==> flow/design.v <==
module ex_sum_block #(
  parameter int WD = 18
) (
  input  logic clk,
  input  logic aresetn,
  input  logic clk_en,
  input  logic [WD-1:0] src1,
  input  logic [WD-1:0] src2,
  output logic [WD:0] res
);
  logic [WD-1:0] src1_reg;
  always_ff @(posedge clk or negedge aresetn) begin
    if (!aresetn) begin
      src1_reg <= '0;
    end else if (clk_en) begin
      src1_reg <= src1;
    end
  end
  logic [WD-1:0] src2_reg;
  always_ff @(posedge clk or negedge aresetn) begin
    if (!aresetn) begin
      src2_reg <= '0;
    end else if (clk_en) begin
      src2_reg <= src2;
    end
  end
  assign res = src1_reg + src2_reg;
endmodule
Reports on ex_sum_block
Tool output for the design above, in the order of the flow.
Lines are those of the file above, counted from 1.
Library cell names are shortened.
{"block": "inputs", "design": "ex_sum_block", "clock_port": "clk", "library": "sky130hd", "pvt_corner": "tt_025C_1v80"}

After elaboration
Counts by Yosys on the flattened word-level netlist (proc, flatten, opt, wreduce; memories kept). Register bits leave out memories and registers merged into their read ports (data or address); mux counts leave out enables and synchronous resets folded into registers. Print and check cells are left out. Cells with the same type and inputs are merged into one.
{"block": "classes", "addsub": 1}
{"block": "op_table", "cell": "18-bit by 18-bit adder with 19-bit output", "n": 1}
{"block": "bits", "output_inout_bits": 19, "elab_cells": 3, "input_bits": 39, "regBits": 36}

Depth
Yosys ltp: most cells in a row. Word level: on the elaborated netlist, between registers, memories and ports. Mapped: between sequential cells and ports; inverters and the memories' decode and read muxes count.
{"block": "logic_depth", "ltp_word": 1, "abc_area": 0, "ltp_mapped": 9, "depth_no_buf": 9}

After synthesis
The flow's flattened synthesis, as Yosys stat reports it; memories are mapped. The netlist is that of the ABC_AREA named above (0 if unset); the other value can give another one.
Totals and module areas in this step are rounded.
{"block": "types", "type": "dfrtp_1", "n": 36, "type_area_um2": 900.864}
{"block": "types", "type": "mux2_2", "n": 34, "type_area_um2": 382.867}
{"block": "types", "type": "ha_1", "n": 18, "type_area_um2": 225.216}
{"block": "types", "type": "a21oi_1", "n": 18, "type_area_um2": 90.086}
{"block": "types", "type": "xnor2_1", "n": 10, "type_area_um2": 87.584}
{"block": "types", "type": "a21o_1", "n": 10, "type_area_um2": 75.072}
{"block": "types", "type": "xor2_1", "n": 5, "type_area_um2": 43.792}
{"block": "types", "type": "nand2_1", "n": 8, "type_area_um2": 30.029}
{"block": "types", "type": "o21ai_0", "n": 6, "type_area_um2": 30.029}
{"block": "types", "type": "nand2b_1", "n": 4, "type_area_um2": 25.024}
{"block": "types", "type": "a31oi_4", "n": 1, "type_area_um2": 21.27}
{"block": "types", "type": "fa_1", "n": 1, "type_area_um2": 20.019}
{"block": "types", "type": "nand3_1", "n": 4, "type_area_um2": 20.019}
{"block": "types", "type": "o21ai_1", "n": 4, "type_area_um2": 20.019}
{"block": "types", "type": "inv_1", "n": 5, "type_area_um2": 18.768}
{"block": "types", "type": "a21o_2", "n": 2, "type_area_um2": 17.517}
{"block": "types", "type": "o21ai_2", "n": 2, "type_area_um2": 17.517}
{"block": "types", "type": "o32ai_2", "n": 1, "type_area_um2": 16.266}
Other cell types: 19; their cells: 24.
{"block": "mapped", "cell_count": 193, "ffs": 36, "sequential_area_um2": 901, "area_um2": 2210, "buffers": 4}

Timing after synthesis
Source: OpenSTA report_checks on the synthesized netlist (no wires, ideal clock, input and output delay 20% of the period each), path of least setup slack; recovery checks are left aside. Register names are those of the netlist, which keeps one name where synthesis merged equal registers.
{"block": "synth_timing", "path_type": "flip-flop to output port", "from": "register src1_reg[0]", "to": "output res[16]", "out_delay_ps": 620, "t_arrival_ps": 1985, "path_delay_ps": 1985, "tclk_ps": 3100, "slack_ps": 495, "path_buffers": 0, "required_time_ps": 2480, "driving_pins": 10, "launch_ps": 0, "period_less_setup_slack_ps": 2605}
"path_delay_ps" = arrival - input delay + setup time.
At an output port there is no setup time.
"driving_pins" counts driving pins, that of a launching flip-flop among them; a cell with two outputs on the path counts twice.
"period_less_setup_slack_ps" = period - worst setup slack (recovery checks aside). The figure is calculated, with input and output delays left at 20% of the set period.
Between the ends stands the longest chain of elaborated cells between them, by number of cells; it is not shown to be the way that was timed. Of several equally long chains one is given.
Each line given opens the expression or statement behind the cell; cells for indexed reads and writes are added by Yosys, which also makes memories of some case tables.
{"block": "synth_between", "path_cell_list": "dfrtp_1 ha_1 inv_1 fa_1 nand2b_1 a21oi_2 o211ai_2 nor2b_4 o32ai_2 xor2_1", "elab_chain_len": 1, "cells_between": 1, "cone_lines": 1, "cone_classes": "1 x add/sub"}
{"block": "synth_rtl", "element": "from (decl)", "line": 11, "text": "logic [WD-1:0] src1_reg;"}
{"block": "synth_rtl", "element": "from (assign)", "line": 14, "text": "src1_reg <= '0;"}
{"block": "synth_rtl", "element": "from (assign)", "line": 16, "text": "src1_reg <= src1;"}
{"block": "synth_rtl", "element": "18-bit by 18-bit adder with 19-bit output", "line": 27, "text": "assign res = src1_reg + src2_reg;"}
{"block": "synth_rtl", "element": "to (decl)", "line": 9, "text": "output logic [WD:0] res"}

Path in the finished layout
From the final timing report of stored run 3: the path of least setup slack in the routed layout; clock arrival at registers is part of the times.
The path's times are printed in steps of 10 ps; the period is the one set.
{"block": "layout_timing", "path_type": "flip-flop to output port", "from": "register src1_reg[0]", "to": "output res[8]", "tclk_ps": 3100, "required_time_ps": 2480, "launch_ps": 290, "driving_pins": 11, "out_delay_ps": 620, "path_buffers": 2, "t_arrival_ps": 2340, "slack_ps": 140}
Between the ends stands the longest chain of elaborated cells between them, by number of cells; it is not shown to be the way that was timed. Of several equally long chains one is given.
{"block": "layout_between", "path_cell_list": "dfrtp_1 ha_2 inv_1 fa_2 nand2b_4 a21oi_4 o211ai_2 nor2b_4 buf_4 xnor2_1 dlygate4sd2_1", "elab_chain_len": 1, "cells_between": 1, "cone_lines": 1, "cone_classes": "1 x add/sub"}
{"block": "layout_rtl", "element": "from (decl)", "line": 11, "text": "logic [WD-1:0] src1_reg;"}
{"block": "layout_rtl", "element": "from (assign)", "line": 14, "text": "src1_reg <= '0;"}
{"block": "layout_rtl", "element": "from (assign)", "line": 16, "text": "src1_reg <= src1;"}
{"block": "layout_rtl", "element": "18-bit by 18-bit adder with 19-bit output", "line": 27, "text": "assign res = src1_reg + src2_reg;"}
{"block": "layout_rtl", "element": "to (decl)", "line": 9, "text": "output logic [WD:0] res"}

Record of 3 stored runs of the RTL-to-layout flow on ex_sum_block, platform sky130hd. The runs are unordered. Constraints: input delay and output delay 20% of the set period each, output load 0.01 pF.
"achieved_clock_period_ps": clock period set for the run, less the worst setup slack. It is reckoned from that one timing run; input and output delays stay at 20% of the period that was set.
"worstPathTime_ps" = time allowed to the worst setup path (clock period - input delay - output delay, where it has them) - its slack; a late launch clock adds to it, a late capture clock takes from it.
"fin_power_w": no workload was simulated; the value follows from the tool's default switching activity.
"worstPathTime_ps" is given in steps of 10 ps.
The results are shown rounded.

{"run": "stored run 1", "settings": { "period_ns": 2.09, "CORE_UTILIZATION": 46, "PLACE_DENSITY": 0.41, "CORE_ASPECT_RATIO": 0.69, "CORE_MARGIN": 6, "CELL_PAD_IN_SITES_DETAIL_PLACEMENT": 1, "GPL_TIMING_DRIVEN": 1, "CTS_CLUSTER_SIZE": 77, "CTS_CLUSTER_DIAMETER": 218, "CAP_MARGIN": 20, "SLEW_MARGIN": 20 }, "outcome": "did not finish, clock tree synthesis stopped with DPL-0033"}
{"run": "stored run 2", "settings": { "period_ns": 2.16, "CORE_UTILIZATION": 60, "SETUP_SLACK_MARGIN": 0.57, "PLACE_DENSITY_LB_ADDON": 0.12, "CORE_ASPECT_RATIO": 1.4, "CORE_MARGIN": 5, "CELL_PAD_IN_SITES_GLOBAL_PLACEMENT": 1, "TNS_END_PERCENT": 100, "ABC_AREA": 1, "GPL_ROUTABILITY_DRIVEN": 0, "MIN_ROUTING_LAYER": "met1", "CAP_MARGIN": 20, "SLEW_MARGIN": 20 }, "outcome": "did not finish, placement stopped with FLW-0024"}
{"run": "stored run 3", "settings": { "period_ns": 3.1, "CAP_MARGIN": 20, "CORE_MARGIN": 2, "CORE_UTILIZATION": 40, "SLEW_MARGIN": 20 }, "results": { "worstPathTime_ps": 2340, "worstPathKind": "flip-flop to output port", "achieved_clock_period_ps": 2960, "fin_util_pct": 58.5, "synthArea_um2": 2210, "timing.setup.ws_ps": 140, "die_area_um2": 6130, "setup_tns_ps": 0, "fin_power_w": 0.00176 }}
